==> flow/design.v <==
module ex_mag_cmp #(
   parameter WD = 7
) (
   input  logic sys_clk,
   input  logic [WD-1:0] src1_in,
   input  logic [WD-1:0] src2_in,
   output logic above_out
);
   logic [WD-1:0] src1_q;
   logic [WD-1:0] src2_q;
   always_ff @(posedge sys_clk) begin
      src1_q <= src1_in;
      src2_q <= src2_in;
   end
   logic [WD:0] carry;
   assign carry[0] = 1'b0;
   for (genvar k = 0; k < WD; k++) begin : slice
      assign carry[k+1] = (src1_q[k] ^ src2_q[k]) ? src1_q[k] : carry[k];
   end
   logic above_q;
   always_ff @(posedge sys_clk) begin
      above_q <= carry[WD];
   end
   assign above_out = above_q;
endmodule
# From RTL to reports: ex_mag_cmp
# Tool output for the members of one design family, told apart by "WD", in the order of the flow.
# The RTL above is that of WD=7; lines are counted from 1 in the file of the member named.
# Cell names lack the library's common part.
# A cell with n/a has no value.
dict set report design {
  design {ex_mag_cmp}
  clock {sys_clk}
  lib {sky130hd}
  corner {tt_025C_1v80}
}

# Source of the members
# New or changed lines of each further member against the RTL above, in its own file; lines it lacks are not shown.
# WD line
set changed_lines {}
lappend changed_lines {8 2} ;# parameter WD = 8
lappend changed_lines {14 2} ;# parameter WD = 14
lappend changed_lines {28 2} ;# parameter WD = 28
lappend changed_lines {64 2} ;# parameter WD = 64
lappend changed_lines {80 2} ;# parameter WD = 80
lappend changed_lines {96 2} ;# parameter WD = 96

# Word-level counts
# Counts by Yosys on the flattened word-level netlist (proc, flatten, opt, wreduce; memories kept). Register bits leave out memories and registers merged into their read ports (data or address); mux counts leave out enables and synchronous resets folded into registers. Print and check cells are left out. Cells with the same type and inputs are merged into one.
# WD out_inout_bits wordCells in_bits regBits
set word_totals {}
lappend word_totals {7 1 17 15 15}
lappend word_totals {8 1 19 17 17}
lappend word_totals {14 1 31 29 29}
lappend word_totals {28 1 59 57 57}
lappend word_totals {64 1 131 129 129}
lappend word_totals {80 1 163 161 161}
lappend word_totals {96 1 195 193 193}
# WD muxes logic
set classes {}
lappend classes {7 7 7}
lappend classes {8 8 8}
lappend classes {14 14 14}
lappend classes {28 28 28}
lappend classes {64 64 64}
lappend classes {80 80 80}
lappend classes {96 96 96}
# WD op_list
set ops {}
lappend ops {7 {7 x 1-bit bitwise XOR; 7 x 1-bit two-way mux}}
lappend ops {8 {8 x 1-bit bitwise XOR; 8 x 1-bit two-way mux}}
lappend ops {14 {14 x 1-bit bitwise XOR; 14 x 1-bit two-way mux}}
lappend ops {28 {28 x 1-bit bitwise XOR; 28 x 1-bit two-way mux}}
lappend ops {64 {64 x 1-bit bitwise XOR; 64 x 1-bit two-way mux}}
lappend ops {80 {80 x 1-bit bitwise XOR; 80 x 1-bit two-way mux}}
lappend ops {96 {96 x 1-bit bitwise XOR; 96 x 1-bit two-way mux}}

# Logic depth
# Yosys ltp: most cells in a row. Word level: on the elaborated netlist, between registers, memories and ports. Mapped: between sequential cells and ports; inverters and the memories' decode and read muxes count.
# WD ltp_word abc_area depth_mapped mapped_depth_nobuf
set logic_depth {}
lappend logic_depth {7 8 0 4 4}
lappend logic_depth {8 9 0 4 4}
lappend logic_depth {14 15 0 5 5}
lappend logic_depth {28 29 0 5 5}
lappend logic_depth {64 65 0 6 6}
lappend logic_depth {80 81 0 7 7}
lappend logic_depth {96 97 0 8 8}

# After synthesis
# Yosys stat after the flow's synthesis: flattened, memories mapped to cells. It holds for the ABC_AREA given above (unset counts as 0); a run with the other value may have another netlist.
# WD cell_types
set types {}
lappend types {7 {15 x dfxtp_1; 6 x inv_1; 2 x o221ai_1; 1 x nor2b_4; 1 x a211oi_2; 1 x maj3_2; 1 x a22oi_1; 1 x nand2b_1; 1 x o22ai_1; 1 x nand3_1; 1 x nand2_1; 1 x nor2_1}}
lappend types {8 {17 x dfxtp_1; 7 x inv_1; 2 x maj3_2; 1 x o221ai_2; 1 x nor2b_4; 1 x a21oi_2; 1 x a221oi_1; 1 x a22o_1; 1 x a2bb2oi_1; 1 x o2bb2ai_1; 1 x nand2b_1; 1 x o22ai_1}}
lappend types {14 {29 x dfxtp_1; 8 x inv_1; 2 x maj3_2; 2 x maj3_1; 1 x nor3b_4; 3 x o22ai_1; 1 x a221oi_2; 1 x nor2b_4; 2 x nand2b_1; 1 x a221o_1; 1 x a222oi_1; 1 x a22o_1; 1 x and2b_2; 1 x o2111ai_1; 2 x clkinv_1; 2 x nand2_1; 1 x a31oi_1; 1 x nor2b_1; [+6]}}
lappend types {28 {57 x dfxtp_1; 24 x inv_1; 6 x nor2b_1; 6 x o22ai_1; 2 x a2111oi_2; 3 x a222oi_1; 1 x a2111oi_4; 2 x maj3_1; 3 x nand2b_1; 2 x a22o_1; 2 x a311oi_1; 2 x o2bb2ai_1; 2 x a22oi_1; 4 x nand2_1; 3 x nor3_1; 1 x o221ai_2; 2 x a21oi_1; 1 x a221o_1; [+10]}}
lappend types {64 {129 x dfxtp_1; 49 x inv_1; 27 x nor2b_1; 14 x nand2b_1; 5 x maj3_2; 2 x a2111oi_4; 8 x o22ai_1; 3 x a2111oi_2; 5 x a2bb2oi_1; 5 x o31a_1; 4 x a211oi_1; 4 x a22oi_1; 4 x o211ai_1; 3 x a221oi_1; 3 x o221ai_1; 2 x nor4_2; 4 x a21oi_1; 2 x maj3_1; [+39]}}
lappend types {80 {161 x dfxtp_1; 68 x inv_1; 25 x nand2b_1; 14 x maj3_1; 18 x nor2b_1; 13 x o22ai_1; 7 x o2111ai_1; 6 x a22oi_1; 4 x o221ai_1; 6 x a21oi_1; 3 x a222oi_1; 8 x nand2_1; 1 x a2111oi_4; 3 x a2111oi_0; 3 x a221oi_1; 3 x a2bb2oi_1; 3 x a211oi_1; 6 x nor2_1; [+42]}}
lappend types {96 {193 x dfxtp_1; 45 x nand2b_1; 65 x inv_1; 39 x nor2b_1; 23 x a21oi_1; 15 x o22ai_1; 21 x nand2_1; 10 x a31oi_1; 7 x a2111oi_0; 6 x o221ai_1; 10 x nand3_1; 10 x o21ai_0; 6 x a22oi_1; 4 x maj3_1; 5 x o211ai_1; 4 x nand3b_1; 4 x o31ai_1; 1 x a2111oi_4; [+66]}}
# A list marked [+n] leaves out that many cells.
# WD n_buf yosys_area_um2 flip_flops mapped_cells sequential_area_um2
set synth_totals {}
lappend synth_totals {7 0 410.4 15 32 300.3}
lappend synth_totals {8 0 474.2 17 35 340.3}
lappend synth_totals {14 0 833.3 29 66 580.6}
lappend synth_totals {28 0 1629.1 57 133 1141.1}
lappend synth_totals {64 0 3833.7 129 312 2582.5}
lappend synth_totals {80 0 4683.2 161 394 3223.1}
lappend synth_totals {96 0 5921.9 193 534 3863.7}

# Worst setup path after synthesis
# OpenSTA on the mapped netlist: ideal clock, no wires. The path of least setup slack (recovery checks aside). Input and output delay are each 20% of the period. Register names are those of the netlist, which keeps one name where synthesis merged equal registers.
# WD kind from to delay_ps setup_slack_ps tclk_ps path_stages period_less_setup_slack_ps
set synth_path {}
lappend synth_path {7 {register -> register} {reg src1_q[0]} {reg above_q} 1061 270 1330 5 1060}
lappend synth_path {8 {register -> register} {reg src1_q[0]} {reg above_q} 1005 255 1260 5 1005}
lappend synth_path {14 {register -> register} {reg src2_q[5]} {reg above_q} 1551 388 1940 6 1552}
lappend synth_path {28 {register -> register} {reg src1_q[25]} {reg above_q} 1358 342 1700 6 1358}
lappend synth_path {64 {register -> register} {reg src1_q[3]} {reg above_q} 1556 394 1950 7 1556}
lappend synth_path {80 {register -> register} {reg src1_q[63]} {reg above_q} 2009 501 2510 8 2009}
lappend synth_path {96 {register -> register} {reg src2_q[0]} {reg above_q} 2018 502 2520 9 2018}
# "delay_ps" = arrival - input delay + setup time.
# "path_stages": output pins that drive a net of the path, with the launching flip-flop's if there is one; two outputs of one cell count as two.
# "period_less_setup_slack_ps" is the clock period less the worst setup slack; recovery checks do not enter. This is arithmetic on one report: input and output delays are still those of the set period (20% each).
# The rows between start and end are the longest chain of elaborated cells between them; the timing report does not say that the signal goes this way. Where chains are equally long, one stands for them.
# Each line given opens the expression or statement behind the cell; cells for indexed reads and writes are added by Yosys, which also makes memories of some case tables.
dict set report synth_via_WD_7 {
  elab_chain_len 8
}
# element line
set synth_rtl_WD_7 {}
lappend synth_rtl_WD_7 {{start, declared} 9} ;# logic [WD-1:0] src1_q;
lappend synth_rtl_WD_7 {{start, assigned} 12} ;# src1_q <= src1_in;
lappend synth_rtl_WD_7 {{1-bit bitwise XOR} 18} ;# assign carry[k+1] = (src1_q[k] ^ src2_q[k]) ? src1_q[k] : carry[k];
lappend synth_rtl_WD_7 {{1-bit two-way mux (7 in a row)} 18}
lappend synth_rtl_WD_7 {{end, assigned} 22} ;# above_q <= carry[WD];
lappend synth_rtl_WD_7 {{end, declared} 20} ;# logic above_q;
dict set report synth_via_WD_96 {
  elab_chain_len 97
}
# element line
set synth_rtl_WD_96 {}
lappend synth_rtl_WD_96 {{start, declared} 10} ;# logic [WD-1:0] src2_q;
lappend synth_rtl_WD_96 {{start, assigned} 13} ;# src2_q <= src2_in;
lappend synth_rtl_WD_96 {{1-bit bitwise XOR} 18} ;# assign carry[k+1] = (src1_q[k] ^ src2_q[k]) ? src1_q[k] : carry[k];
lappend synth_rtl_WD_96 {{1-bit two-way mux (96 in a row)} 18}
lappend synth_rtl_WD_96 {{end, assigned} 22} ;# above_q <= carry[WD];
lappend synth_rtl_WD_96 {{end, declared} 20} ;# logic above_q;

# Timing after layout
# Path of least setup slack in the final report of each member's run (OpenROAD, finished layout, wires in). Where an end is a register, its clock arrival counts in the times.
# The report prints the path's times to 10 ps; the period is as set.
# WD kind from to n_path_buf setup_slack_ps path_stages t_arrival_ps tclk_ps
set layout_path {}
lappend layout_path {7 {register -> output} {reg above_q} {out above_out} 1 220 2 840 1330}
lappend layout_path {8 {register -> output} {reg above_q} {out above_out} 1 160 2 850 1260}
lappend layout_path {14 {register -> register} {reg src2_q[5]} {reg above_q} 0 340 6 1830 1940}
lappend layout_path {28 {register -> output} {reg above_q} {out above_out} 1 180 2 1180 1700}
lappend layout_path {64 {register -> output} {reg above_q} {out above_out} 1 190 2 1370 1950}
lappend layout_path {80 {register -> register} {reg src2_q[63]} {reg above_q} 0 330 8 2470 2510}
lappend layout_path {96 {register -> register} {reg src2_q[79]} {reg above_q} 0 300 9 2520 2520}

# Measured runs
# One run of the flow (Yosys, OpenROAD) for each member, with settings and measured results. Input and output delays are each 20% of the period that was set; the output load is 0.01 pF.
dict set report flow_settings {
  CAP_MARGIN 20
  CORE_MARGIN 2
  CORE_UTILIZATION 40
  SLEW_MARGIN 20
}
# WD period_ns
set settings_diff {}
lappend settings_diff {7 1.33}
lappend settings_diff {8 1.26}
lappend settings_diff {14 1.94}
lappend settings_diff {28 1.7}
lappend settings_diff {64 1.95}
lappend settings_diff {80 2.51}
lappend settings_diff {96 2.52}
# WD hold_worst_slack_ps yosys.chip_area_um2 clock_period_reached_ps setup_worst_slack_ps final_setup_tns_ps total_die_area_um2 post_route_util_frac finish.stdcell_area_um2 power_w
set measured {}
lappend measured {7 427 410.4 1107 223 0 1298.2 0.636 595.6 0.0007537}
lappend measured {8 406 474.2 1101 159 0 1476.9 0.618 686.9 0.0009516}
lappend measured {14 454 833.3 1605 335 0 2464.1 0.627 1229.9 0.001193}
lappend measured {28 448 1629.1 1519 181 0 4598.9 0.611 2424.8 0.002705}
lappend measured {64 327 3833.7 1759 191 0 10383.6 0.633 5878.1 0.006424}
lappend measured {80 527 4683.2 2184 326 0 12590.0 0.625 7135.6 0.005998}
lappend measured {96 515 5921.9 2222 298 0 15794.2 0.606 8773.4 0.006803}
# "clock_period_reached_ps" means the clock period less the worst setup slack. The figure is calculated, with input and output delays left at 20% of the set period.
# By "power_w" is meant OpenSTA's value without simulated activity: inputs other than the clock are taken to toggle once in ten clock periods, and the tool carries that through the logic.
